==> flow/design.v <==
module mul_unit_rtl #(
   parameter BITS = 12
) (
   input wire CLK,
   input wire ce,
   input wire [BITS-1:0] x,
   input wire [BITS-1:0] y,
   output wire [2*BITS-1:0] p
);
   reg [BITS-1:0] r_x;
   reg [BITS-1:0] r_y;
   always @(posedge CLK) begin
      if (ce) begin
         r_x <= x;
         r_y <= y;
      end
   end
   wire [BITS:0] node [0:BITS];
   wire [BITS-1:0] lo;
   assign node[0] = 0;
   genvar i;
   generate
      for (i = 0; i < BITS; i = i + 1) begin : stage
         add_row #(.N(BITS)) inst (.a(r_x), .sel(r_y[i]), .pin(node[i][BITS:1]), .pout(node[i+1]));
         assign lo[i] = node[i+1][0];
      end
   endgenerate
   reg [2*BITS-1:0] r_p;
   always @(posedge CLK) begin
      if (ce) begin
         r_p <= {node[BITS][BITS:1], lo};
      end
   end
   assign p = r_p;
endmodule
module add_row #(parameter N = 4) (
   input wire [N-1:0] a,
   input wire sel,
   input wire [N-1:0] pin,
   output wire [N:0] pout
);
   assign pout = pin + (a & {N{sel}});
endmodule
---- Step by step through the tools: mul_unit_rtl ----
Module mul_unit_rtl in several versions that differ in "BITS"; each step lists the members.
The file above is the member BITS=12. Line numbers count from 1 in each member's own file.
Cell names lack the library's common part.
Not given: n/a
inputs
  design top .............................. mul_unit_rtl
  clock ................................... CLK
  cell library ............................ sky130hd
  corner .................................. tt_025C_1v80

---- Members of the sweep ----
New or changed lines of each further member against the RTL above, in its own file; lines it lacks are not shown.
new or changed lines
  BITS  RTL line  text
  14    2         parameter BITS = 14
  20    2         parameter BITS = 20

---- Elaborated design ----
Yosys after proc, flatten, opt, wreduce and memory -nomap, before mapping. Enables and synchronous resets that opt folds into registers are not counted as muxes. Memory bits, and registers merged into a memory's read port (data or address), are not among the register bits. Print and check cells are not counted. Equal cells are merged and count once.
word-level totals
  BITS  flip-flop bits (word level)  latch bits  memory bits (writable)  memory bits (read-only)  word width x clocked read ports  memories  bits of input ports  output and inout port bits  cells after elaboration
  12    48                           0           0                       0                        0                                0         26                   24                          26
  14    56                           0           0                       0                        0                                0         30                   28                          30
  20    80                           0           0                       0                        0                                0         42                   40                          42
operators by class
  BITS  $add $sub $neg  multiply operators  divide/modulo/power cells  $lt $le $gt $ge  equality and inequality tests  shift-type cells  multiplexer cells  bitwise operators  reduce/logical cells
  12    11              0                   0                          0                0                              0                 0                  12                 0
  14    13              0                   0                          0                0                              0                 0                  14                 0
  20    19              0                   0                          0                0                              0                 0                  20                 0
operator list
  BITS  kinds with counts
  12    12 x bitwise AND 12 bit; 10 x adder 12 x 13 -> 13 bit; 1 x adder 11 x 13 -> 13 bit
  14    14 x bitwise AND 14 bit; 12 x adder 14 x 15 -> 15 bit; 1 x adder 13 x 15 -> 15 bit
  20    20 x bitwise AND 20 bit; 18 x adder 20 x 21 -> 21 bit; 1 x adder 19 x 21 -> 21 bit

---- Depth ----
Depth = most cells in a row (Yosys ltp): at word level without a register or memory, in the mapped netlist without a sequential cell, where the memories' decode and read muxes count.
depth
  BITS  word-level depth  ABC_AREA  mapped depth  gate-level depth less buffers
  12    12                0         67            64
  14    14                0         80            77
  20    20                0         117           114

---- After synthesis ----
The flow's flattened synthesis, as Yosys stat reports it; memories are mapped. The netlist is that of the ABC_AREA named above (0 if unset); the other value can give another one.
cell types
  BITS  types with counts
  12    134 x ha_1; 48 x edfxtp_1; 133 x and2_1; 75 x xnor2_1; 72 x a21oi_1; 40 x a21o_1; 58 x o21ai_0; 65 x nor2_1; 11 x fa_1; 53 x inv_1; 53 x nand2_1; 24 x a211oi_1; 24 x nor2b_1; 18 x o21a_1; 32 x clkbuf_1; 23 x nor3_1; 15 x nand2b_1; 18 x nand3_1; (+143)
  14    181 x ha_1; 56 x edfxtp_1; 187 x and2_1; 90 x xnor2_1; 111 x a21oi_1; 61 x a21o_1; 44 x xor2_1; 79 x nand2_1; 13 x fa_1; 50 x o21ai_0; 64 x inv_1; 59 x nor2_1; 21 x a211oi_1; 39 x clkbuf_1; 29 x o21ai_1; 21 x nand2b_1; 17 x o21a_1; 17 x o21bai_1; (+205)
  20    379 x ha_1; 388 x and2_1; 80 x edfxtp_1; 225 x xnor2_1; 267 x a21oi_1; 149 x a21o_1; 77 x xor2_1; 168 x nor2_1; 151 x inv_1; 148 x nand2_1; 19 x fa_1; 49 x o21a_1; 72 x o21ai_0; 47 x o21bai_1; 92 x clkbuf_1; 66 x o21ai_1; 46 x nor2b_1; 38 x nand2b_1; (+404)
A list marked (+n) leaves out that many cells.
synthesis totals
  BITS  standard cells after synthesis  synthesis area (um^2)  area of sequential cells (um^2)  mapped flip-flops  buffer cells
  12    1039                            8465.6                 1441.4                           48                 32
  14    1344                            10920.5                1681.6                           56                 39
  20    2865                            21973.6                2402.3                           80                 93
The figures by module come from a second, unflattened synthesis with its own total; it is not the netlist above.
second synthesis, totals
  BITS  cells (unflattened synthesis)  area total of the unflattened synthesis (um^2)
  12    1153                           9883.2
  14    1611                           12300.5
  20    3821                           27955.6

---- Worst setup path after synthesis ----
Path of least setup slack by OpenSTA after synthesis, without wires, with an ideal clock, recovery checks aside; 20% of the period is set as input and as output delay. Where synthesis merged equal registers, the netlist keeps one of their names.
path after synthesis
  BITS  kind                    start point  end point    period (ns)  slack (ns)  driving pins on the path  delay of the path (ns)  synthesis period reached (ns)
  12    flip-flop to flip-flop  reg r_y[1]   reg r_p[23]  15.4         3.084       61                        12.316                  12.316
  14    flip-flop to flip-flop  reg r_y[1]   reg r_p[26]  17.5         3.484       72                        14.015                  14.016
  20    flip-flop to flip-flop  reg r_x[1]   reg r_p[39]  25.3         5.093       111                       20.208                  20.207
"delay of the path" = arrival - input delay + setup time.
"driving pins on the path": output pins that drive a net of the path, with the launching flip-flop's if there is one; two outputs of one cell count as two.
"synthesis period reached" = period - worst setup slack (recovery checks aside). The figure is calculated, with input and output delays left at 20% of the set period.
Between the ends stands the longest chain of elaborated cells between them, by number of cells; it is not shown to be the way that was timed. Of several equally long chains one is given.
A line is the first line of the expression or statement that the cell stems from. Yosys adds cells for indexed reads and writes and turns some case tables into memories.
on the way, after synthesis, BITS=12
  length of the longest elaborated chain .. 12
ends and longest elaborated chain, after synthesis, BITS=12
  item                         RTL line  text
  start: declaration           11        reg [BITS-1:0] r_y;
  start: assignment            15        r_y <= y;
  bitwise AND 12 bit           42        assign pout = pin + (a & {N{sel}});
  adder 11 x 13 -> 13 bit      42
  adder 12 x 13 -> 13 bit x10  42
  end: assignment              31        r_p <= {node[BITS][BITS:1], lo};
  end: declaration             28        reg [2*BITS-1:0] r_p;
on the way, after synthesis, BITS=20
  length of the longest elaborated chain .. 20
ends and longest elaborated chain, after synthesis, BITS=20
  item                         RTL line  text
  start: declaration           10        reg [BITS-1:0] r_x;
  start: assignment            14        r_x <= x;
  bitwise AND 20 bit           42        assign pout = pin + (a & {N{sel}});
  adder 19 x 21 -> 21 bit      42
  adder 20 x 21 -> 21 bit x18  42
  end: assignment              31        r_p <= {node[BITS][BITS:1], lo};
  end: declaration             28        reg [2*BITS-1:0] r_p;

---- Path in the finished layout ----
From the final timing report of each member's run: the path of least setup slack in the routed layout; clock arrival at registers is part of the times.
path after layout
  BITS  kind                    start point  end point    period (ns)  slack (ns)  driving pins on the path  data arrival time (ns)  path buffers
  12    flip-flop to flip-flop  reg r_x[1]   reg r_p[23]  15.4         1.75        58                        13.70                   0
  14    flip-flop to flip-flop  reg r_x[0]   reg r_p[26]  17.5         1.43        76                        16.12                   0
  20    flip-flop to flip-flop  reg r_x[2]   reg r_p[39]  25.3         1.99        108                       23.43                   0

---- Flow runs ----
Settings and results of one run of the flow (Yosys, OpenROAD) for each member follow. The constraints put input and output delay at 20% of the set period each and load the outputs with 0.01 pF.
settings
  CAP_MARGIN .............................. 20
  CORE_MARGIN ............................. 2
  CORE_UTILIZATION ........................ 40
  SLEW_MARGIN ............................. 20
settings that differ
  BITS  period_ns
  12    15.4
  14    17.5
  20    25.3
results
  BITS  area of the synthesized netlist (um^2)  area inside the die boundary (um^2)  standard-cell area after layout (um^2)  utilization  worst setup slack after layout (ns)  sum of negative setup slack (ns)  worst hold slack after layout (ns)  period achieved (ns)
  12    8465.6                                  22344.3                              9350.2                                  0.448        1.748                                0.000                             0.802                               13.652
  14    10920.5                                 28638.8                              11960.2                                 0.445        1.431                                0.000                             0.903                               16.069
  20    21973.6                                 56825.0                              23706.5                                 0.439        1.992                                0.000                             0.929                               23.308
"period achieved" is the run's clock period less its worst setup slack. It is reckoned from that one timing run; input and output delays stay at 20% of the period that was set.
